==> flow/design.v <==
module subtractor_top (ck, i_rst, x, y, diff, borrow);
  parameter DW = 80;
  input ck;
  input i_rst;
  input [DW-1:0] x;
  input [DW-1:0] y;
  output [DW-1:0] diff;
  output borrow;
  wire [DW:0] work;
  assign work = {1'b0, x} - {1'b0, y};
  reg [DW-1:0] r_diff;
  always @(posedge ck) begin
    if (i_rst) begin
      r_diff <= 0;
    end else begin
      r_diff <= work[DW-1:0];
    end
  end
  assign diff = r_diff;
  reg r_borrow;
  always @(posedge ck) begin
    if (i_rst) begin
      r_borrow <= 1'b0;
    end else begin
      r_borrow <= work[DW];
    end
  end
  assign borrow = r_borrow;
endmodule
== Tool chain data of subtractor_top ==
What the tools print for subtractor_top, step after step.
Lines are those of the file above, counted from 1.
Library cell names are shortened.
The mark -- stands for no value.

* Top module: subtractor_top
* Clock input: ck
* Cell library: sky130hd
* Timing corner: tt_025C_1v80

== Elaborated design ==
Source: Yosys, flattened and elaborated, memories not mapped. Widths are those after wreduce; folded enables and synchronous resets count as part of the registers. Registers that Yosys merges into a memory's read port (data or address) are not register bits. Print and check cells do not count. Equal cells are merged and count once.

* Bits in registers: 81
* Input bits: 162
* Cells after elaboration: 3

* $add $sub $neg: 1

{| class="wikitable"
|+ Operator list
! cell !! count
|-
| subtractor 80 x 80 -> 81 bit || 1
|}

== Logic depth ==
Yosys ltp: most cells in a row. Word level: on the elaborated netlist, between registers, memories and ports. Mapped: between sequential cells and ports; inverters and the memories' decode and read muxes count.

* Word-level depth: 1
* ABC_AREA: 0
* Depth in mapped cells: 13
* Depth with buffers taken out: 13

== Mapped cells and area ==
The flow's flattened synthesis, as Yosys stat reports it; memories are mapped. The netlist is that of the ABC_AREA named above (0 if unset); the other value can give another one.
Totals and module areas in this step are rounded.

* Cells in the netlist: 1,010
* Synthesis area: 7,370 µm²
* Area of sequential cells: 1,620 µm²
* Flip-flops: 81

{| class="wikitable"
|+ Cells by type
! cell !! count !! total area (µm²)
|-
| dfxtp_1 || 81 || 1.62E+03
|-
| ha_1 || 80 || 1,000.96
|-
| a21oi_1 || 102 || 510.49
|-
| nor2_1 || 130 || 487.968
|-
| inv_1 || 103 || 386.621
|-
| a21o_1 || 45 || 337.824
|-
| xor2_1 || 33 || 289.027
|-
| o21ai_0 || 57 || 285.274
|-
| nand2_1 || 72 || 270.259
|-
| xnor2_1 || 30 || 262.752
|-
| nand4_1 || 30 || 187.68
|-
| o21bai_1 || 17 || 127.622
|-
| nor2b_1 || 16 || 100.096
|-
| o21a_1 || 13 || 97.594
|-
| nor3_1 || 19 || 95.091
|-
| nand3_1 || 16 || 80.077
|-
| a31oi_1 || 12 || 75.072
|-
| clkbuf_1 || 19 || 71.318
|}

Other cell types: 47; their cells: 135.

== Timing after synthesis ==
Path of least setup slack by OpenSTA after synthesis, without wires, with an ideal clock, recovery checks aside; 20% of the period is set as input and as output delay. Where synthesis merged equal registers, the netlist keeps one of their names.

* Kind: input to register
* From: in x[0]
* To: reg r_diff[50]
* Period: 3.95 ns
* Input delay: 0.790 ns
* Setup time: 0.121 ns
* Launch time at the first pin: 0.790 ns
* Data arrival time: 3.199 ns
* Required time: 3.829 ns
* Setup slack: 0.630 ns
* Delay of the path: 2.530 ns
* Stages: 13
* Path buffers: 0
* Synthesis period reached: 3.32 ns

"delay of the path" = arrival - input delay + setup time.
"stages": output pins that drive a net of the path, with the launching flip-flop's if there is one; two outputs of one cell count as two.
"synthesis period reached" is the clock period less the worst setup slack; recovery checks do not enter. This is arithmetic on one report: input and output delays are still those of the set period (20% each).
Between the ends stands the longest chain of elaborated cells between them, by number of cells; it is not shown to be the way that was timed. Of several equally long chains one is given.
A line is the first line of the expression or statement that the cell stems from. Yosys adds cells for indexed reads and writes and turns some case tables into memories.

* Cells stage by stage: inv_1 -> ha_1 -> fa_1 -> nor2b_1 -> o2111ai_1 -> nand2_1 -> a31oi_1 -> o21ai_2 -> a31oi_2 -> o21bai_1 -> a21boi_1 -> o31ai_1 -> mux2_2
* Cells in the longest elaborated chain: 1

{| class="wikitable"
|+ RTL lines, path after synthesis
! what !! line !! text
|-
| from (decl) || 5 || <nowiki>input [DW-1:0] x;</nowiki>
|-
| subtractor 80 x 80 -> 81 bit || 10 || <nowiki>assign work = {1'b0, x} - {1'b0, y};</nowiki>
|-
| to (assign) || 14 || <nowiki>r_diff <= 0;</nowiki>
|-
| to (assign) || 16 || <nowiki>r_diff <= work[DW-1:0];</nowiki>
|-
| to (decl) || 11 || <nowiki>reg [DW-1:0] r_diff;</nowiki>
|}

== Worst path after layout ==
Path of least setup slack in the final report of run 1 (OpenROAD, finished layout, wires in). Where an end is a register, its clock arrival counts in the times.

* Kind: input to register
* From: in x[0]
* To: reg r_diff[50]
* Period: 3.95 ns
* Input delay: 0.79 ns
* Setup time: 0.11 ns
* Launch time at the first pin: 0.79 ns
* Data arrival time: 3.97 ns
* Required time: 4.20 ns
* Setup slack: 0.22 ns
* Stages: 14
* Path buffers: 1

Between the ends stands the longest chain of elaborated cells between them, by number of cells; it is not shown to be the way that was timed. Of several equally long chains one is given.

* Cells stage by stage: clkdlybuf4s50_1 -> inv_1 -> ha_1 -> fa_1 -> nor2b_1 -> o2111ai_1 -> nand2_1 -> a31oi_1 -> o21ai_2 -> a31oi_2 -> o21bai_1 -> a21boi_1 -> o31ai_1 -> mux2_2
* Cells in the longest elaborated chain: 1

{| class="wikitable"
|+ RTL lines, path post-layout
! what !! line !! text
|-
| from (decl) || 5 || <nowiki>input [DW-1:0] x;</nowiki>
|-
| subtractor 80 x 80 -> 81 bit || 10 || <nowiki>assign work = {1'b0, x} - {1'b0, y};</nowiki>
|-
| to (assign) || 14 || <nowiki>r_diff <= 0;</nowiki>
|-
| to (assign) || 16 || <nowiki>r_diff <= work[DW-1:0];</nowiki>
|-
| to (decl) || 11 || <nowiki>reg [DW-1:0] r_diff;</nowiki>
|}

Memo
Re: implementation data of subtractor_top

3 stored runs of subtractor_top in the flow (synthesis by Yosys, layout by OpenROAD, sky130hd cells), in arbitrary order. Constraints: input delay and output delay 20% of the set period each, output load 0.01 pF.
By "clock period achieved" is meant the clock period of the run minus its worst setup slack. This is arithmetic on one report: input and output delays are still those of the set period (20% each).
"critical setup path time" means the part of the period allowed to the worst setup path (the constraints hold back 20% at inputs and 20% at outputs) less its slack; where the path has registers, the arrival times of their clocks count too.
"power" rests on the timing tool's default activity at the inputs, not on a simulated workload.
The results are shown rounded.

=== Run 1 ===
{| class="wikitable"
! Setting !! Value
|-
| period_ns || 3.95
|-
| CAP_MARGIN || 20
|-
| CORE_MARGIN || 2
|-
| CORE_UTILIZATION || 40
|-
| SLEW_MARGIN || 20
|-
! Result !! Value
|-
| Critical setup path time || 2.94 ns
|-
| Class of the worst setup path || input to register
|-
| Clock period achieved || 3.727 ns
|-
| Power || 3,470 µW
|-
| Die outline area || 19,500 µm²
|-
| Area of the synthesized netlist || 7,370 µm²
|-
| Total negative slack on setup checks || 0.000 ns
|-
| Smallest setup slack || 0.223 ns
|-
| Smallest hold slack || 1.02 ns
|-
| Standard-cell area after layout || 11,200 µm²
|-
| Utilization after routing || 0.621
|}

=== Run 2 ===
{| class="wikitable"
! Setting !! Value
|-
| period_ns || 3.92
|-
| CORE_UTILIZATION || 25
|-
| SETUP_SLACK_MARGIN || 0.79
|-
| PLACE_DENSITY || 0.52
|-
| CELL_PAD_IN_SITES_GLOBAL_PLACEMENT || 3
|-
| CELL_PAD_IN_SITES_DETAIL_PLACEMENT || 0
|-
| TNS_END_PERCENT || 20
|-
| ABC_AREA || 1
|-
| GPL_TIMING_DRIVEN || 0
|-
| CTS_CLUSTER_DIAMETER || 236
|-
| SLEW_MARGIN || 5
|-
| CAP_MARGIN || 20
|-
| CORE_MARGIN || 2
|-
! Result !! Value
|-
| Power || 3,620 µW
|-
| Utilization after routing || 0.345
|-
| Smallest hold slack || 1.06 ns
|-
| Area of the synthesized netlist || 9,580 µm²
|-
| Total negative slack on setup checks || 0.000 ns
|-
| Standard-cell area after layout || 13,000 µm²
|-
| Clock period achieved || 3.104 ns
|-
| Smallest setup slack || 0.816 ns
|-
| Die outline area || 39,900 µm²
|-
| Critical setup path time || 2.32 ns
|-
| Class of the worst setup path || input to register
|}

=== Run 3 ===
{| class="wikitable"
! Setting !! Value
|-
| period_ns || 3.51
|-
| CORE_UTILIZATION || 37
|-
| PLACE_DENSITY_LB_ADDON || 0.27
|-
| CORE_MARGIN || 7
|-
| ABC_AREA || 1
|-
| GPL_TIMING_DRIVEN || 0
|-
| GPL_ROUTABILITY_DRIVEN || 1
|-
| CTS_CLUSTER_SIZE || 87
|-
| CTS_CLUSTER_DIAMETER || 32
|-
| MAX_ROUTING_LAYER || met4
|-
| CAP_MARGIN || 20
|-
| SLEW_MARGIN || 20
|-
! Result !! Value
|-
| Utilization after routing || 0.503
|-
| Power || 3,930 µW
|-
| Die outline area || 30,600 µm²
|-
| Critical setup path time || 2.41 ns
|-
| Class of the worst setup path || input to register
|-
| Smallest hold slack || 0.986 ns
|-
| Clock period achieved || 3.108 ns
|-
| Total negative slack on setup checks || 0.000 ns
|-
| Standard-cell area after layout || 12,700 µm²
|-
| Area of the synthesized netlist || 9,580 µm²
|-
| Smallest setup slack || 0.402 ns
|}
